==> flow/design.v <==
module dp_add_core #(
  parameter NBITS = 72
) (
  input sys_clk,
  input aresetn,
  input ce,
  input [NBITS-1:0] A_i,
  input [NBITS-1:0] B_i,
  output [NBITS-1:0] total_o
);
  reg [NBITS-1:0] A_r;
  reg [NBITS-1:0] B_r;
  reg [NBITS:0] t_r;
  reg [NBITS-1:0] total_r;
  assign total_o = total_r;
  always @(posedge sys_clk or negedge aresetn) begin
    if (!aresetn) begin
      A_r <= 0;
      B_r <= 0;
      t_r <= 0;
      total_r <= 0;
    end else if (ce) begin
      A_r <= A_i;
      B_r <= B_i;
      t_r <= A_r + B_r;
      total_r <= t_r[NBITS] ? {NBITS{1'b1}} : t_r[NBITS-1:0];
    end
  end
endmodule
======== Reports on dp_add_core ========
What the tools print for dp_add_core, step after step.
Line numbers count from 1 in the design file above.
Not given: --
inputs
  top module .............................. dp_add_core
  clock port .............................. sys_clk
  cell library ............................ sky130hd
  timing corner ........................... tt_025C_1v80

======== After elaboration ========
Source: Yosys, flattened and elaborated, memories not mapped. Widths are those after wreduce; folded enables and synchronous resets count as part of the registers. Registers that Yosys merges into a memory's read port (data or address) are not register bits. Print and check cells do not count. Equal cells are merged and count once.
storage and ports
  flip-flop bits (word level) ............. 289
  input bits .............................. 147
  word-level cells ........................ 6
cells by class
  $add $sub $neg .......................... 1
  multiplexer cells ....................... 1
operator list
  cell                                       count
  72-bit by 72-bit adder with 73-bit output  1
  72-bit two-way mux                         1

======== Longest topological paths ========
Depth = most cells in a row (Yosys ltp): at word level without a register or memory, in the mapped netlist without a sequential cell, where the memories' decode and read muxes count.
depth
  word-level depth ........................ 1
  ABC_AREA ................................ 0
  gate-level depth with buffers ........... 11
  depth with buffers taken out ............ 11

======== Netlist ========
Source: synth_stat.txt of the flow (Yosys; design flattened, memories mapped). It holds for the ABC_AREA given above (unset counts as 0); a run with the other value may have another netlist.
The area totals of this step are shown rounded.
synthesis totals
  standard cells after synthesis .......... 1,502
  mapped area ............................. 0.0153 mm2
  sequential area ......................... 0.00723 mm2
  mapped flip-flops ....................... 289
  buffer cells ............................ 76
cell types
  cell type                  count  total area (um2)
  sky130_fd_sc_hd__dfrtp_1   289    7.23E+03
  sky130_fd_sc_hd__mux2_2    191    2.15E+03
  sky130_fd_sc_hd__ha_1      72     900.864
  sky130_fd_sc_hd__a21oi_1   169    845.811
  sky130_fd_sc_hd__nor2_1    213    799.517
  sky130_fd_sc_hd__nand2_1   97     364.099
  sky130_fd_sc_hd__xnor2_1   35     306.544
  sky130_fd_sc_hd__o21ai_0   53     265.254
  sky130_fd_sc_hd__a21o_1    26     195.187
  sky130_fd_sc_hd__clkbuf_1  47     176.419
  sky130_fd_sc_hd__nand4_1   28     175.168
  sky130_fd_sc_hd__xor2_1    16     140.134
  sky130_fd_sc_hd__o21bai_1  17     127.622
  sky130_fd_sc_hd__o21a_1    16     120.115
  sky130_fd_sc_hd__inv_1     25     93.84
  sky130_fd_sc_hd__nand3_1   18     90.086
  sky130_fd_sc_hd__nor3_1    18     90.086
  sky130_fd_sc_hd__and3_1    12     75.072
Not listed: further types 56, cells in them 160.

======== Timing after synthesis ========
Path of least setup slack by OpenSTA after synthesis, without wires, with an ideal clock, recovery checks aside; 20% of the period is set as input and as output delay. Where synthesis merged equal registers, the netlist keeps one of their names.
timing post-synthesis
  kind .................................... reg2reg
  start ................................... register A_r[0]
  end ..................................... register t_r[68]
  clock period ............................ 3.48 ns
  library setup time ...................... 0.120 ns
  launch time at the first pin ............ 0.000 ns
  arrival ................................. 2.662 ns
  data required time ...................... 3.360 ns
  path slack .............................. 0.698 ns
  path delay .............................. 2.782 ns
  stages on the path ...................... 12
  buffers on the path ..................... 0
  period reached after synthesis .......... 2.782 ns
"path delay" = arrival - input delay + setup time.
"stages on the path" counts driving pins, that of a launching flip-flop among them; a cell with two outputs on the path counts twice.
"period reached after synthesis" is the clock period less the worst setup slack; recovery checks do not enter. This is arithmetic on one report: input and output delays are still those of the set period (20% each).
Between the ends stands the longest chain of elaborated cells between them, by number of cells; it is not shown to be the way that was timed. Of several equally long chains one is given.
A line is the first line of the expression or statement that the cell stems from. Yosys adds cells for indexed reads and writes and turns some case tables into memories.
between the ends, post-synthesis
  cell sequence ........................... sky130_fd_sc_hd__dfrtp_1 > sky130_fd_sc_hd__ha_1 > sky130_fd_sc_hd__fa_1 > sky130_fd_sc_hd__a211oi_1 > sky130_fd_sc_hd__o21ai_0 > sky130_fd_sc_hd__nand2_1 > sky130_fd_sc_hd__o22ai_1 > sky130_fd_sc_hd__o221ai_1 > sky130_fd_sc_hd__a21boi_0 > sky130_fd_sc_hd__o211a_1 > sky130_fd_sc_hd__or3_1 > sky130_fd_sc_hd__a31o_2
  cells in the longest elaborated chain ... 1
RTL lines, path post-synthesis
  element                                    RTL line  source
  from (decl)                                11        reg [NBITS-1:0] A_r;
  from (assign)                              18        A_r <= 0;
  from (assign)                              23        A_r <= A_i;
  72-bit by 72-bit adder with 73-bit output  25        t_r <= A_r + B_r;
  to (assign)                                20        t_r <= 0;
  to (assign)                                25
  to (decl)                                  13        reg [NBITS:0] t_r;

======== Path in the finished layout ========
From the final timing report of flow run 1: the path of least setup slack in the routed layout; clock arrival at registers is part of the times.
timing post-layout
  kind .................................... reg2reg
  start ................................... register B_r[31]
  end ..................................... register t_r[50]
  clock period ............................ 4.01 ns
  library setup time ...................... 0.10 ns
  launch time at the first pin ............ 0.51 ns
  arrival ................................. 3.39 ns
  data required time ...................... 4.43 ns
  path slack .............................. 1.04 ns
  stages on the path ...................... 10
  buffers on the path ..................... 0
Between the ends stands the longest chain of elaborated cells between them, by number of cells; it is not shown to be the way that was timed. Of several equally long chains one is given.
between the ends, post-layout
  cell sequence ........................... sky130_fd_sc_hd__dfrtp_1 > sky130_fd_sc_hd__ha_4 > sky130_fd_sc_hd__nand4_1 > sky130_fd_sc_hd__or3_4 > sky130_fd_sc_hd__or4_4 > sky130_fd_sc_hd__or2_4 > sky130_fd_sc_hd__a211o_4 > sky130_fd_sc_hd__a21oi_4 > sky130_fd_sc_hd__or3_1 > sky130_fd_sc_hd__nand4_1
  cells in the longest elaborated chain ... 1
RTL lines, path post-layout
  element                                    RTL line  source
  from (decl)                                12        reg [NBITS-1:0] B_r;
  from (assign)                              19        B_r <= 0;
  from (assign)                              24        B_r <= B_i;
  72-bit by 72-bit adder with 73-bit output  25        t_r <= A_r + B_r;
  to (assign)                                20        t_r <= 0;
  to (assign)                                25
  to (decl)                                  13        reg [NBITS:0] t_r;

## Implementation results

Below are 3 stored runs of the flow (Yosys, OpenROAD; platform sky130hd) on dp_add_core, each with its settings and what was measured, unordered. Constraints: input delay and output delay 20% of the set period each, output load 0.01 pF.
By "period achieved" is meant the clock period of the run minus its worst setup slack. This is arithmetic on one report: input and output delays are still those of the set period (20% each).
"time on the worst setup path" means the part of the period allowed to the worst setup path (the constraints hold back 20% at inputs and 20% at outputs) less its slack; where the path has registers, the arrival times of their clocks count too.
"total power of the final layout" rests on the timing tool's default activity at the inputs, not on a simulated workload.
Values from the reports are rounded here.

---- flow run 1 ----
settings
  period_ns = 4.01
  CORE_UTILIZATION = 30
  SETUP_SLACK_MARGIN = 1.14
  GPL_ROUTABILITY_DRIVEN = 0
  CTS_CLUSTER_SIZE = 52
  CTS_CLUSTER_DIAMETER = 381
  MIN_ROUTING_LAYER = met1
  CAP_MARGIN = 20
  CORE_MARGIN = 2
  SLEW_MARGIN = 20
results
  synthesis area .......................... 0.0153 mm2
  overall die area ........................ 0.053 mm2
  standard-cell area after routing ........ 0.0201 mm2
  utilization ............................. 39.8 %
  worst setup slack after layout .......... 1.04 ns
  sum of negative setup slack ............. 0.000 ns
  total power of the final layout ......... 9,190 uW
  period achieved ......................... 2.971 ns
  time on the worst setup path ............ 2.97 ns
  worst path kind ......................... reg2reg

---- flow run 2 ----
settings
  period_ns = 1.72
  CORE_UTILIZATION = 63
  PLACE_DENSITY_LB_ADDON = 0.12
  CORE_MARGIN = 6
  CELL_PAD_IN_SITES_DETAIL_PLACEMENT = 2
  GPL_TIMING_DRIVEN = 0
  CTS_CLUSTER_SIZE = 91
  MIN_ROUTING_LAYER = met1
  CAP_MARGIN = 20
  SLEW_MARGIN = 20
results
  incomplete, placement halted on a tool error

---- flow run 3 ----
settings
  period_ns = 3.48
  CAP_MARGIN = 20
  CORE_MARGIN = 2
  CORE_UTILIZATION = 40
  SLEW_MARGIN = 20
results
  synthesis area .......................... 0.0153 mm2
  overall die area ........................ 0.0399 mm2
  standard-cell area after routing ........ 0.0191 mm2
  utilization ............................. 50.6 %
  worst setup slack after layout .......... 0.167 ns
  sum of negative setup slack ............. 0.000 ns
  total power of the final layout ......... 11,700 uW
  period achieved ......................... 3.313 ns
  time on the worst setup path ............ 3.31 ns
  worst path kind ......................... reg2reg
